==> flow/design.v <==
module reg_file #(
   parameter ENTRIES = 48,
   parameter WIDTH = 2,
   parameter ADDR_W = $clog2(ENTRIES)
) (
   input logic clock,
   input logic i_rst,
   input logic wen_i,
   input logic [ADDR_W-1:0] wr_addr_i,
   input logic [WIDTH-1:0] d_i,
   input logic [ADDR_W-1:0] read_addr0_i,
   input logic [ADDR_W-1:0] read_addr1_i,
   output logic [WIDTH-1:0] rdata0_o,
   output logic [WIDTH-1:0] rdata1_o
);
   logic [WIDTH-1:0] gpr [ENTRIES-1:0];
   always_ff @(posedge clock) begin
      if (i_rst) begin
         for (int n = 0; n < ENTRIES; n++)
            gpr[n] <= 0;
      end else if (wen_i) begin
         gpr[wr_addr_i] <= d_i;
      end
   end
   logic [WIDTH-1:0] rdata0_r;
   always_ff @(posedge clock) begin
      if (i_rst) begin
         rdata0_r <= 0;
      end else begin
         rdata0_r <= gpr[read_addr0_i];
      end
   end
   assign rdata0_o = rdata0_r;
   logic [WIDTH-1:0] rdata1_r;
   always_ff @(posedge clock) begin
      if (i_rst) begin
         rdata1_r <= 0;
      end else begin
         rdata1_r <= gpr[read_addr1_i];
      end
   end
   assign rdata1_o = rdata1_r;
endmodule
Hand-over note for reg_file

== Reports on reg_file ==
A sweep over "WIDTH": the same steps for each member of the family.
The RTL above is that of WIDTH 2; lines are counted from 1 in the file of the member named.
Operators: Yosys type, input widths -> output width; for muxes data width and select width s.
Library cell names are shortened.
The mark n/a stands for no value.

* Design top: reg_file
* Clock input: clock
* Library: sky130hd
* Corner: tt_025C_1v80

== Members of the sweep ==
Lines of each other member's file that are new or changed against the file above; lines that a member lacks are not shown.

{| class="wikitable"
|+ New or changed lines
! WIDTH !! line !! source
|-
| 4 || 3 || <nowiki>parameter WIDTH = 4,</nowiki>
|-
| 6 || 3 || <nowiki>parameter WIDTH = 6,</nowiki>
|-
| 32 || 3 || <nowiki>parameter WIDTH = 32,</nowiki>
|}

== After elaboration ==
Counts by Yosys on the flattened word-level netlist (proc, flatten, opt, wreduce; memories kept). Register bits leave out memories and registers merged into their read ports (data or address); mux counts leave out enables and synchronous resets folded into registers. Print and check cells are left out. Cells with the same type and inputs are merged into one.
Memory sizes are those after Yosys's memory passes, which may raise the word count (mostly to a power of two), join words into wider ones and drop unused or constant bits.

{| class="wikitable"
|+ Storage and ports
! WIDTH !! bits in writable memories !! memories !! cells after elaboration !! output and inout bits !! register bits !! bits of input ports
|-
| 2 || 128 || 1 || 8 || 4 || 0 || 23
|-
| 4 || 256 || 1 || 8 || 8 || 0 || 25
|-
| 6 || 384 || 1 || 8 || 12 || 0 || 27
|-
| 32 || 2048 || 1 || 8 || 64 || 0 || 53
|}

{| class="wikitable"
|+ Operators by class
! WIDTH !! muxes and demuxes
|-
| 2 || 7
|-
| 4 || 7
|-
| 6 || 7
|-
| 32 || 7
|}

{| class="wikitable"
|+ Operators by type and width
! WIDTH !! kinds with counts
|-
| 2 || 2 x $mux 6; 2 x $mux 2; 3 x $mux 1
|-
| 4 || 2 x $mux 6; 2 x $mux 4; 3 x $mux 1
|-
| 6 || 4 x $mux 6; 3 x $mux 1
|-
| 32 || 2 x $mux 32; 2 x $mux 6; 3 x $mux 1
|}

== Longest topological paths ==
Depth = most cells in a row (Yosys ltp): at word level without a register or memory, in the mapped netlist without a sequential cell, where the memories' decode and read muxes count.

{| class="wikitable"
|+ Depth
! WIDTH !! depth after elaboration !! ABC_AREA !! depth in mapped cells !! depth with buffers taken out
|-
| 2 || 2 || 0 || 8 || 5
|-
| 4 || 2 || 0 || 9 || 5
|-
| 6 || 2 || 0 || 9 || 5
|-
| 32 || 2 || 0 || 11 || 5
|}

== Netlist ==
The flow's flattened synthesis, as Yosys stat reports it; memories are mapped. The netlist is that of the ABC_AREA named above (0 if unset); the other value can give another one.
The area totals of this step are shown rounded.

{| class="wikitable"
|+ Cell types
! WIDTH !! types with counts
|-
| 2 || 128 x edfxtp_1; 38 x mux4_2; 96 x and3_1; 22 x mux4_1; 48 x a21o_1; 35 x clkbuf_1; 35 x nor2_1; 10 x mux2_2; 17 x buf_2; 4 x dfxtp_1; 8 x mux2i_1; 19 x nand2_1; 6 x o221ai_1; 6 x nand3b_1; 2 x buf_12; 6 x nor2b_1; 7 x nand3_1; 7 x nor3_1; [+60]
|-
| 4 || 256 x edfxtp_1; 117 x mux4_2; 194 x and3_1; 48 x a21o_1; 83 x clkbuf_1; 11 x mux4_1; 28 x o22ai_1; 8 x dfxtp_1; 24 x nand2b_1; 10 x mux2_2; 29 x nor2_1; 14 x buf_4; 17 x buf_2; 7 x o2111ai_1; 7 x o221ai_1; 6 x mux2i_1; 14 x nand2_1; 8 x nor2b_1; [+71]
|-
| 6 || 384 x edfxtp_1; 191 x mux4_2; 289 x and2_1; 39 x mux2i_1; 13 x mux4_1; 51 x or2_2; 76 x nor2_1; 12 x dfxtp_1; 57 x clkbuf_1; 51 x nand2_1; 11 x buf_6; 12 x buf_4; 17 x nand3_1; 16 x buf_2; 7 x mux2_2; 10 x o22ai_1; 10 x a21oi_1; 5 x o221ai_1; [+77]
|-
| 32 || 2048 x edfxtp_1; 1071 x mux4_2; 1539 x and2_1; 339 x mux2i_1; 411 x clkbuf_1; 64 x dfxtp_1; 77 x mux2_2; 116 x buf_2; 77 x buf_4; 107 x nor2_1; 53 x or2_2; 42 x a22oi_1; 50 x o22ai_1; 78 x nand2_1; 21 x buf_6; 37 x nor2b_1; 45 x a21oi_1; 22 x o211ai_1; [+269]
|}

A list marked [+n] leaves out that many cells.

{| class="wikitable"
|+ Synthesis totals
! WIDTH !! area of sequential cells (um2) !! buffers !! cell count !! flip-flops !! cell area after synthesis (um2)
|-
| 2 || 3920 || 62 || 554 || 132 || 7620
|-
| 4 || 7850 || 119 || 952 || 264 || 14200
|-
| 6 || 11800 || 104 || 1328 || 396 || 20800
|-
| 32 || 62800 || 662 || 6466 || 2112 || 108000
|}

== Path before layout ==
OpenSTA on the mapped netlist: ideal clock, no wires. The path of least setup slack (recovery checks aside). Input and output delay are each 20% of the period. Register names are those of the netlist, which keeps one name where synthesis merged equal registers.

{| class="wikitable"
|+ Timing path post-synthesis
! WIDTH !! kind !! start point !! end point !! period (ns) !! path delay (ns) !! slack (ns) !! driving pins on the path !! period reached after synthesis (ns)
|-
| 2 || input port to flip-flop || input i_rst || memory (name not given) || 2.36 || 1.508 || 0.380 || 6 || 1.98
|-
| 4 || input port to flip-flop || input wr_addr_i[0] || memory (name not given) || 2.46 || 1.573 || 0.395 || 6 || 2.065
|-
| 6 || input port to flip-flop || input read_addr0_i[1] || register rdata0_r[5] || 2.62 || 1.678 || 0.419 || 7 || 2.201
|-
| 32 || input port to flip-flop || input wr_addr_i[0] || memory (name not given) || 3.8 || 2.429 || 0.611 || 3 || 3.189
|}

"path delay" = arrival - input delay + setup time.
"driving pins on the path": output pins that drive a net of the path, with the launching flip-flop's if there is one; two outputs of one cell count as two.
"period reached after synthesis" = period - worst setup slack (recovery checks aside). The figure is calculated, with input and output delays left at 20% of the set period.
Between the ends stands the longest chain of elaborated cells between them, by number of cells; it is not shown to be the way that was timed. Of several equally long chains one is given.
A line is the first line of the expression or statement that the cell stems from. Yosys adds cells for indexed reads and writes and turns some case tables into memories.
WIDTH 2: The path ends at the enable pin of a flip-flop; only ways to that pin are counted.

On the way, post-synthesis, WIDTH 2:
* Length of the longest elaborated chain: 1

{| class="wikitable"
|+ RTL lines, path post-synthesis, WIDTH 2
! element !! line !! source
|-
| from (decl) || 7 || <nowiki>input logic i_rst,</nowiki>
|-
| $mux 6 || 18 || <nowiki>if (i_rst) begin</nowiki>
|}

On the way, post-synthesis, WIDTH 32:
* Length of the longest elaborated chain: 2

{| class="wikitable"
|+ RTL lines, path post-synthesis, WIDTH 32
! element !! line !! source
|-
| from (decl) || 9 || <nowiki>input logic [ADDR_W-1:0] wr_addr_i,</nowiki>
|-
| $mux 6 || 21 || <nowiki>end else if (wen_i) begin</nowiki>
|-
| $mux 6 || 18 || <nowiki>if (i_rst) begin</nowiki>
|}

== Path in the finished layout ==
From the final timing report of each member's run: the path of least setup slack in the routed layout; clock arrival at registers is part of the times.

{| class="wikitable"
|+ Timing path post-layout
! WIDTH !! kind !! start point !! end point !! arrival time (ns) !! driving pins on the path !! slack (ns) !! path buffers !! period (ns)
|-
| 2 || input port to flip-flop || input read_addr0_i[0] || register rdata0_r[1] || 2.37 || 6 || 0.27 || 2 || 2.36
|-
| 4 || input port to flip-flop || input wen_i || memory gpr[18][1] || 2.32 || 5 || 0.41 || 2 || 2.46
|-
| 6 || input port to flip-flop || input read_addr0_i[1] || register rdata0_r[1] || 2.74 || 6 || 0.28 || 2 || 2.62
|-
| 32 || flip-flop to output port || register rdata1_r[4] || output rdata1_o[4] || 2.34 || 2 || 0.70 || 1 || 3.8
|}

== Flow runs ==
Settings and results of one run of the flow (Yosys, OpenROAD) for each member follow. The constraints put input and output delay at 20% of the set period each and load the outputs with 0.01 pF.

* CAP_MARGIN: 20
* CORE_MARGIN: 2
* CORE_UTILIZATION: 40
* SLEW_MARGIN: 20

{| class="wikitable"
|+ Settings that differ
! WIDTH !! period_ns
|-
| 2 || 2.36
|-
| 4 || 2.46
|-
| 6 || 2.62
|-
| 32 || 3.8
|}

{| class="wikitable"
|+ Results
! WIDTH !! final utilization (%) !! total power after layout (W) !! netlist area reported by Yosys (um2) !! lowest setup slack (ns) !! full die area (um2) !! standard-cell area of the final layout (um2) !! achieved period (ns) !! setup TNS (ns) !! lowest hold slack (ns)
|-
| 2 || 48.3 || 0.00592 || 7620 || 0.274 || 20200 || 9040 || 2.086 || 0.000 || 0.700
|-
| 4 || 47.4 || 0.0111 || 14200 || 0.408 || 37000 || 16700 || 2.052 || 0.000 || 0.412
|-
| 6 || 47.7 || 0.0156 || 20800 || 0.282 || 53700 || 24500 || 2.338 || 0.000 || 0.462
|-
| 32 || 46.4 || 0.057 || 108000 || 0.698 || 274000 || 124000 || 3.102 || 0.000 || 0.346
|}

"achieved period" = clock period - worst setup slack. The figure is calculated, with input and output delays left at 20% of the set period.
"total power after layout" is the tool's figure for a default switching activity; nothing was simulated.
Results are given in rounded form.

End of note.
